==> flow/design.v <==
module compare (clock, rstn, d_i, mx_o);
  parameter DW = 36;
  parameter N_IN = 7;
  input clock;
  input rstn;
  input [N_IN*DW-1:0] d_i;
  output [DW-1:0] mx_o;
  reg [DW-1:0] cur;
  integer i;
  always @(*) begin
    cur = d_i[DW-1:0];
    for (i = 1; i < N_IN; i = i + 1)
      if (d_i[i*DW +: DW] > cur) cur = d_i[i*DW +: DW];
  end
  reg [DW-1:0] mx_reg;
  always @(posedge clock or negedge rstn) begin
    if (!rstn) begin
      mx_reg <= 0;
    end else begin
      mx_reg <= cur;
    end
  end
  assign mx_o = mx_reg;
endmodule
== From RTL to reports: compare ==
Tool output for the design above, in the order of the flow.
Lines are those of the file above, counted from 1.
Operators: Yosys type, input widths -> output width; for muxes data width and select width s.
Library cell names are shortened.
The mark - stands for no value.
Inputs
  top: compare
  clock: clock
  standard-cell library: sky130hd
  corner: tt_025C_1v80

== Word-level counts ==
Yosys after proc, flatten, opt, wreduce and memory -nomap, before mapping. Enables and synchronous resets that opt folds into registers are not counted as muxes. Memory bits, and registers merged into a memory's read port (data or address), are not among the register bits. Print and check cells are not counted. Equal cells are merged and count once.
Operators by class
  order comparisons: 6
  muxes and demuxes: 6
Operators by type and width (number)
  $gt 36x36->1: 6
  $mux 36: 6
Word-level totals
  flip-flop bits (word level): 36

== Logic depth ==
Longest topological path by Yosys (ltp), each cell counted once; first at word level (registers and memories cut), then after technology mapping (sequential cells cut; the memories' decode and read muxes count).
Depth
  word-level depth: 12
  ABC_AREA: 0
  gate-level depth with buffers: 96

== Mapped cells and area ==
Source: synth_stat.txt of the flow (Yosys; design flattened, memories mapped). It holds for the ABC_AREA given above (unset counts as 0); a run with the other value may have another netlist.
Cells by type
  ha_1: number 210, total area 2627.52 um2
  dfrtp_1: number 36, total area 900.864 um2
  mux2i_1: number 74, total area 740.71 um2
  inv_1: number 179, total area 671.894 um2
  o21ai_0: number 106, total area 530.509 um2
  nand2_1: number 129, total area 484.214 um2
  mux2_2: number 37, total area 416.65 um2
  a21o_1: number 47, total area 352.838 um2
  o211ai_1: number 39, total area 292.781 um2
  nand4_1: number 41, total area 256.496 um2
  a21oi_1: number 51, total area 255.245 um2
  o221ai_1: number 29, total area 253.994 um2
  o221ai_2: number 9, total area 135.13 um2
  nor2b_1: number 20, total area 125.12 um2
  clkbuf_1: number 32, total area 120.115 um2
  nand3_1: number 21, total area 105.101 um2
  o21a_1: number 14, total area 105.101 um2
  nand2b_1: number 14, total area 87.584 um2
Not listed: further types 51, cells in them 150.
Synthesis totals
  cell count: 1238
  cell area after synthesis: 9565.4 um2
  flip-flop cells: 36
  buffer cells: 54

== Worst setup path after synthesis ==
Source: OpenSTA report_checks on the synthesized netlist (no wires, ideal clock, input and output delay 20% of the period each), path of least setup slack; recovery checks are left aside. Register names are those of the netlist, which keeps one name where synthesis merged equal registers.
Timing path post-synthesis
  kind: input to register
  from: input port d_i[18]
  to: register mx_reg[27]
  clock period: 26.5 ns
  arrival time: 22.141 ns
  slack: 4.220 ns
  delay of the path: 16.980 ns
  stages: 92
  buffers on the path: 13
  period reached after synthesis: 22.28 ns
"delay of the path" = arrival - input delay + setup time.
"stages" counts driving pins, that of a launching flip-flop among them; a cell with two outputs on the path counts twice.
"period reached after synthesis" = period - worst setup slack (recovery checks aside). The figure is calculated, with input and output delays left at 20% of the set period.
Between the ends stands the longest chain of elaborated cells between them, by number of cells; it is not shown to be the way that was timed. Of several equally long chains one is given.
Each line given opens the expression or statement behind the cell; cells for indexed reads and writes are added by Yosys, which also makes memories of some case tables.
Between the ends, post-synthesis
  cell sequence: inv_1 -> ha_1 -> a21oi_1 -> nand2_1 -> a221o_1 -> o31a_1 -> o21ai_4 -> clkbuf_1 -> clkbuf_1 -> mux2i_1 -> ha_1 -> nand3_1 -> or2_2 -> a211oi_1 -> o21ai_0 -> a221oi_1 -> mux2i_1 -> o21ai_1 -> [56 not listed] -> ha_1 -> nor2b_1 -> o21a_1 -> o21a_1 -> o21a_1 -> o21a_1 -> o21a_1 -> o21a_1 -> o21a_1 -> o2111ai_1 -> a211o_1 -> a21boi_0 -> o21ai_0 -> a21oi_1 -> o21ai_1 -> clkbuf_1 -> clkbuf_1 -> o221ai_2
  length of the longest elaborated chain: 12
  elaborated cells between the ends (all ways): 12
  RTL lines with such cells: 1
  classes of those cells: compare: 6; mux: 6
RTL lines, path post-synthesis
  start: declaration: RTL line 6  | input [N_IN*DW-1:0] d_i;
  $gt 36x36->1: RTL line 13  | if (d_i[i*DW +: DW] > cur) cur = d_i[i*DW +: DW];
  $mux 36: RTL line 13
  $gt 36x36->1: RTL line 13
  $mux 36: RTL line 13
  $gt 36x36->1: RTL line 13
  $mux 36: RTL line 13
  $gt 36x36->1: RTL line 13
  $mux 36: RTL line 13
  $gt 36x36->1: RTL line 13
  $mux 36: RTL line 13
  $gt 36x36->1: RTL line 13
  $mux 36: RTL line 13
  end: assignment: RTL line 18  | mx_reg <= 0;
  end: assignment: RTL line 20  | mx_reg <= cur;
  end: declaration: RTL line 15  | reg [DW-1:0] mx_reg;

== Timing after layout ==
From the final timing report of run 2: the path of least setup slack in the routed layout; clock arrival at registers is part of the times.
Timing path post-layout
  kind: input to register
  from: input port d_i[11]
  to: register mx_reg[26]
  clock period: 26.5 ns
  arrival time: 24.96 ns
  slack: 1.73 ns
  stages: 80
  buffers on the path: 6
Between the ends stands the longest chain of elaborated cells between them, by number of cells; it is not shown to be the way that was timed. Of several equally long chains one is given.
Between the ends, post-layout
  cell sequence: clkdlybuf4s50_1 -> inv_1 -> ha_1 -> a21oi_1 -> o21ai_0 -> a221o_1 -> o31a_1 -> o21ai_4 -> buf_4 -> mux2i_1 -> ha_1 -> nand3_1 -> or2_2 -> a211oi_1 -> a221oi_1 -> a221oi_1 -> mux2i_1 -> o21ai_4 -> [44 not listed] -> ha_1 -> nor2b_1 -> o21a_1 -> o21a_1 -> o21a_1 -> o21a_1 -> o21a_1 -> o21a_1 -> o21a_1 -> o2111ai_1 -> a211o_1 -> a21boi_0 -> o21ai_0 -> a21oi_1 -> o21ai_4 -> buf_6 -> nand2_1 -> o221ai_2
  length of the longest elaborated chain: 12
  elaborated cells between the ends (all ways): 12
  RTL lines with such cells: 1
  classes of those cells: compare: 6; mux: 6
RTL lines, path post-layout
  start: declaration: RTL line 6  | input [N_IN*DW-1:0] d_i;
  $gt 36x36->1: RTL line 13  | if (d_i[i*DW +: DW] > cur) cur = d_i[i*DW +: DW];
  $mux 36: RTL line 13
  $gt 36x36->1: RTL line 13
  $mux 36: RTL line 13
  $gt 36x36->1: RTL line 13
  $mux 36: RTL line 13
  $gt 36x36->1: RTL line 13
  $mux 36: RTL line 13
  $gt 36x36->1: RTL line 13
  $mux 36: RTL line 13
  $gt 36x36->1: RTL line 13
  $mux 36: RTL line 13
  end: assignment: RTL line 18  | mx_reg <= 0;
  end: assignment: RTL line 20  | mx_reg <= cur;
  end: declaration: RTL line 15  | reg [DW-1:0] mx_reg;

Lab notebook: compare

Flow measurements of compare on sky130hd: 2 stored runs with different settings, listed in no order. Input and output delays are each 20% of the period that was set; the output load is 0.01 pF.
"achieved clock period (ns)" means the clock period less the worst setup slack. The figure is calculated, with input and output delays left at 20% of the set period.
"worst setup path time (ns)" = time allowed to the worst setup path (clock period - input delay - output delay, where it has them) - its slack; a late launch clock adds to it, a late capture clock takes from it.
By "finish__power__total" is meant OpenSTA's value without simulated activity: inputs other than the clock are taken to toggle once in ten clock periods, and the tool carries that through the logic.

Flow files of run 1
==> flow/run.sh <==
#!/bin/bash
# the make line also repeats the synthesis and layout settings of config.mk as NAME=value (left out here)
make -C /OpenROAD-flow-scripts/flow DESIGN_CONFIG=/design/flow/config.mk WORK_HOME=/design/flow/orfs CLKGATE_MAP_FILE= finish
==> flow/config.mk <==
export PLATFORM = sky130hd
export DESIGN_NAME = compare
export DESIGN_NICKNAME = compare
export VERILOG_FILES = /design/flow/design.v
export SDC_FILE = /design/flow/constraint.sdc
export NUM_CORES = 4
export LEC_CHECK = 0
export ABC_AREA = 0
export CAP_MARGIN = 20
export CORE_ASPECT_RATIO = 1.02
export CORE_MARGIN = 10
export CORE_UTILIZATION = 70
export MIN_ROUTING_LAYER = met1
export PLACE_DENSITY_LB_ADDON = 0.23
export SLEW_MARGIN = 20
==> flow/constraint.sdc <==
create_clock -name core_clock -period 38.2 [get_ports {clock}]
set_input_delay 7.6400 -clock core_clock [delete_from_list [all_inputs] [get_ports {clock}]]
set_output_delay 7.6400 -clock core_clock [all_outputs]
set_load 0.01 [all_outputs]

report of run 1: did not finish, place, FLW-0024

Flow files of run 2
==> flow/run.sh <==
#!/bin/bash
# the make line also repeats the synthesis and layout settings of config.mk as NAME=value (left out here)
make -C /OpenROAD-flow-scripts/flow DESIGN_CONFIG=/design/flow/config.mk WORK_HOME=/design/flow/orfs CLKGATE_MAP_FILE= finish
==> flow/config.mk <==
export PLATFORM = sky130hd
export DESIGN_NAME = compare
export DESIGN_NICKNAME = compare
export VERILOG_FILES = /design/flow/design.v
export SDC_FILE = /design/flow/constraint.sdc
export NUM_CORES = 4
export LEC_CHECK = 0
export CAP_MARGIN = 20
export CORE_MARGIN = 2
export CORE_UTILIZATION = 40
export SLEW_MARGIN = 20
==> flow/constraint.sdc <==
create_clock -name core_clock -period 26.5 [get_ports {clock}]
set_input_delay 5.3000 -clock core_clock [delete_from_list [all_inputs] [get_ports {clock}]]
set_output_delay 5.3000 -clock core_clock [all_outputs]
set_load 0.01 [all_outputs]

report of run 2
yosys chip area after synthesis (um^2): 9565.4
finish__design__die__area: 25166.6
finish__design__instance__area__stdcell: 12892.4
finish__design__instance__utilization: 0.5493
finish__timing__setup__ws: 1.730
finish__timing__setup__tns: 0.000
finish__power__total: 1.097e-03
achieved clock period (ns): 24.770
worst setup path time (ns): 19.47
worst setup path kind: input to register
